==> flow/design.v <==
module cpu_reg_bank_n #(
   parameter ENTRIES = 64,
   parameter DW = 2,
   parameter ABITS = $clog2(ENTRIES)
) (
   input clock,
   input step,
   input load,
   input [ABITS-1:0] wsel,
   input [DW-1:0] wdata,
   input [ABITS-1:0] raddr,
   output [DW-1:0] read_data
);
   reg [DW-1:0] mem [ENTRIES-1:0];
   always @(posedge clock) begin
      if (step && load)
         mem[wsel] <= wdata;
   end
   assign read_data = mem[raddr];
endmodule
From RTL to reports: cpu_reg_bank_n
What the tools print for cpu_reg_bank_n, step after step.
Line numbers count from 1 in the design file above.
Cell names lack the library's common part.
The mark - stands for no value.
Design
  top module: cpu_reg_bank_n
  clock input: clock
  cell library: sky130hd
  timing corner: tt_025C_1v80

Word-level counts
Yosys after proc, flatten, opt, wreduce and memory -nomap, before mapping. Enables and synchronous resets that opt folds into registers are not counted as muxes. Memory bits, and registers merged into a memory's read port (data or address), are not among the register bits. Print and check cells are not counted. Equal cells are merged and count once.
Memory sizes are those after Yosys's memory passes, which may raise the word count (mostly to a power of two), join words into wider ones and drop unused or constant bits.
Word-level totals
  flip-flop bits (word level): 0
  word width x clocked read ports: 0
  output and inout port bits: 2
  latch bits: 0
  memory bits (writable): 128
  bits of input ports: 17
  bits in read-only memories: 0
  memories: 1
Memory list
  mem: words 64, bits a word 2, rd ports 1, write ports 1, line 14  | reg [DW-1:0] mem [ENTRIES-1:0];
Cells by class
  multiply operators: 0
  bitwise gates (word level): 0
  reductions and logical operators: 1
  add/subtract/negate cells: 0
  equal/unequal tests: 0
  div/mod/pow operators: 0
  shifts and indexed selects: 0
  magnitude comparators: 0
  multiplexer cells: 3
Operators with widths (count)
  two-way mux 6 bit: 1
  two-way mux 2 bit: 1
  logical AND 1 bit: 1
  two-way mux 1 bit: 1

Logic depth
Depth = most cells in a row (Yosys ltp): at word level without a register or memory, in the mapped netlist without a sequential cell, where the memories' decode and read muxes count.
Depth
  depth in word-level cells: 2
  ABC_AREA: 0
  mapped depth: 8
  mapped depth without buffers: 5

After synthesis
The flow's flattened synthesis, as Yosys stat reports it; memories are mapped. The netlist is that of the ABC_AREA named above (0 if unset); the other value can give another one.
Totals and module areas in this step are rounded.
Cell types (count)
  edfxtp_1: 128
  mux4_2: 24
  nor2_1: 68
  mux4_1: 9
  nand2_1: 11
  nor2b_1: 6
  a22o_1: 4
  buf_6: 3
  a22oi_1: 4
  clkbuf_1: 8
  a211oi_1: 3
  nand3b_1: 3
  buf_12: 1
  or3b_2: 2
  buf_2: 3
  nand3_1: 3
  o22ai_1: 2
  or3_1: 2
Not listed: further types 14, cells in them 16.
Synthesis totals
  buffers: 16
  mapped flip-flops: 128
  synthesis area: 5330 um^2
  standard cells after synthesis: 300
  sequential part of the area: 3840 um^2

Timing after synthesis
Source: OpenSTA report_checks on the synthesized netlist (no wires, ideal clock, input and output delay 20% of the period each), path of least setup slack; recovery checks are left aside. Register names are those of the netlist, which keeps one name where synthesis merged equal registers.
Timing post-synthesis
  path type: in2out
  from: input port raddr[0]
  to: output port read_data[1]
  slack: 0.376 ns
  external input delay: 0.626 ns
  path delay: 1.502 ns
  data arrival time: 2.128 ns
  period: 3.13 ns
  stages on the path: 6
  period reached after synthesis: 2.754 ns
"path delay" is the arrival time less input delay plus setup time.
At an output port there is no setup time.
"stages on the path" counts driving pins, that of a launching flip-flop among them; a cell with two outputs on the path counts twice.
"period reached after synthesis" is the clock period less the worst setup slack; recovery checks do not enter. This is arithmetic on one report: input and output delays are still those of the set period (20% each).
The rows between start and end are the longest chain of elaborated cells between them; the timing report does not say that the signal goes this way. Where chains are equally long, one stands for them.
A line is the first line of the expression or statement that the cell stems from. Yosys adds cells for indexed reads and writes and turns some case tables into memories.
A memory read counts as a cell of the chain, while the word-level depth stops at memories.
Between the ends, post-synthesis
  path through: buf_6 > buf_6 > mux4_2 > mux4_2 > a21oi_1 > o211ai_1
  length of the longest elaborated chain: 1
  elaborated cells on any way between the ends: 1
  RTL lines with such cells: 1
  those cells by class: memory (1)
Ends and longest elaborated chain, post-synthesis
  start: declaration: line 11  | input [ABITS-1:0] raddr,
  memory (64 x 2 bit): line 14  | reg [DW-1:0] mem [ENTRIES-1:0];
  end: declaration: line 12  | output [DW-1:0] read_data

Worst path after layout
From the final timing report of flow run A: the path of least setup slack in the routed layout; clock arrival at registers is part of the times.
Timing post-layout
  path type: in2out
  from: input port raddr[0]
  to: output port read_data[1]
  period: 3.13 ns
  data arrival time: 2.38 ns
  slack: 0.12 ns
  external input delay: 0.63 ns
  stages on the path: 8
The rows between start and end are the longest chain of elaborated cells between them; the timing report does not say that the signal goes this way. Where chains are equally long, one stands for them.
A memory read counts as a cell of the chain, while the word-level depth stops at memories.
Between the ends, post-layout
  path through: buf_6 > buf_12 > buf_4 > mux4_2 > mux4_2 > a21oi_2 > o211ai_1 > buf_2
  length of the longest elaborated chain: 1
  elaborated cells on any way between the ends: 1
  RTL lines with such cells: 1
  those cells by class: memory (1)
Ends and longest elaborated chain, post-layout
  start: declaration: line 11  | input [ABITS-1:0] raddr,
  memory (64 x 2 bit): line 14  | reg [DW-1:0] mem [ENTRIES-1:0];
  end: declaration: line 12  | output [DW-1:0] read_data

Wiki page: cpu_reg_bank_n / flow data

Stored flow runs of cpu_reg_bank_n (3 of them; Yosys, OpenROAD, sky130hd). They differ in their settings and are not a sequence. Constraints: input delay and output delay 20% of the set period each, output load 0.01 pF.
"clock period achieved": clock period set for the run, less the worst setup slack. It is reckoned from that one timing run; input and output delays stay at 20% of the period that was set.
"worst path time" means the part of the period allowed to the worst setup path (the constraints hold back 20% at inputs and 20% at outputs) less its slack; where the path has registers, the arrival times of their clocks count too.
By "power consumption" is meant OpenSTA's value without simulated activity: inputs other than the clock are taken to toggle once in ten clock periods, and the tool carries that through the logic.
Measured values are rounded.

==> flow run A: settings <==
{ "period_ns": 3.13, "CAP_MARGIN": 20, "CORE_MARGIN": 2, "CORE_UTILIZATION": 40, "SLEW_MARGIN": 20 }
==> flow run A: results <==
chip area after synthesis (Yosys): 5330 um^2
full die area: 14300 um^2
standard-cell area after layout: 6470 um^2
post-route utilization: 0.492
worst setup slack after layout: 0.123 ns
final setup TNS: 0.000 ns
smallest hold slack: 0.760 ns
power consumption: 0.00392 W
clock period achieved: 3.007 ns
worst path time: 1.76 ns
worst setup path type: in2out

==> flow run B: settings <==
{ "period_ns": 2.31, "CORE_UTILIZATION": 44, "SETUP_SLACK_MARGIN": -0.02, "CORE_ASPECT_RATIO": 0.72, "CELL_PAD_IN_SITES_DETAIL_PLACEMENT": 1, "CTS_CLUSTER_DIAMETER": 210, "CAP_MARGIN": 5, "SLEW_MARGIN": 15, "CORE_MARGIN": 2 }
==> flow run B: results <==
chip area after synthesis (Yosys): 5330 um^2
full die area: 13000 um^2
standard-cell area after layout: 6570 um^2
post-route utilization: 0.55
worst setup slack after layout: -0.411 ns
final setup TNS: -0.794 ns
smallest hold slack: 0.538 ns
power consumption: 0.00572 W
clock period achieved: 2.721 ns
worst path time: 2.26 ns
worst setup path type: reg2out

==> flow run C: settings <==
{ "period_ns": 4.27, "CORE_UTILIZATION": 65, "PLACE_DENSITY_LB_ADDON": 0.1, "CORE_ASPECT_RATIO": 1.21, "TNS_END_PERCENT": 80, "GPL_ROUTABILITY_DRIVEN": 1, "CTS_CLUSTER_SIZE": 22, "CAP_MARGIN": 10, "CORE_MARGIN": 2, "SLEW_MARGIN": 20 }
==> flow run C: results <==
chip area after synthesis (Yosys): 5330 um^2
full die area: 8940 um^2
standard-cell area after layout: 6160 um^2
post-route utilization: 0.768
worst setup slack after layout: 0.192 ns
final setup TNS: 0.000 ns
smallest hold slack: 1.10 ns
power consumption: 0.00296 W
clock period achieved: 4.078 ns
worst path time: 2.37 ns
worst setup path type: in2out
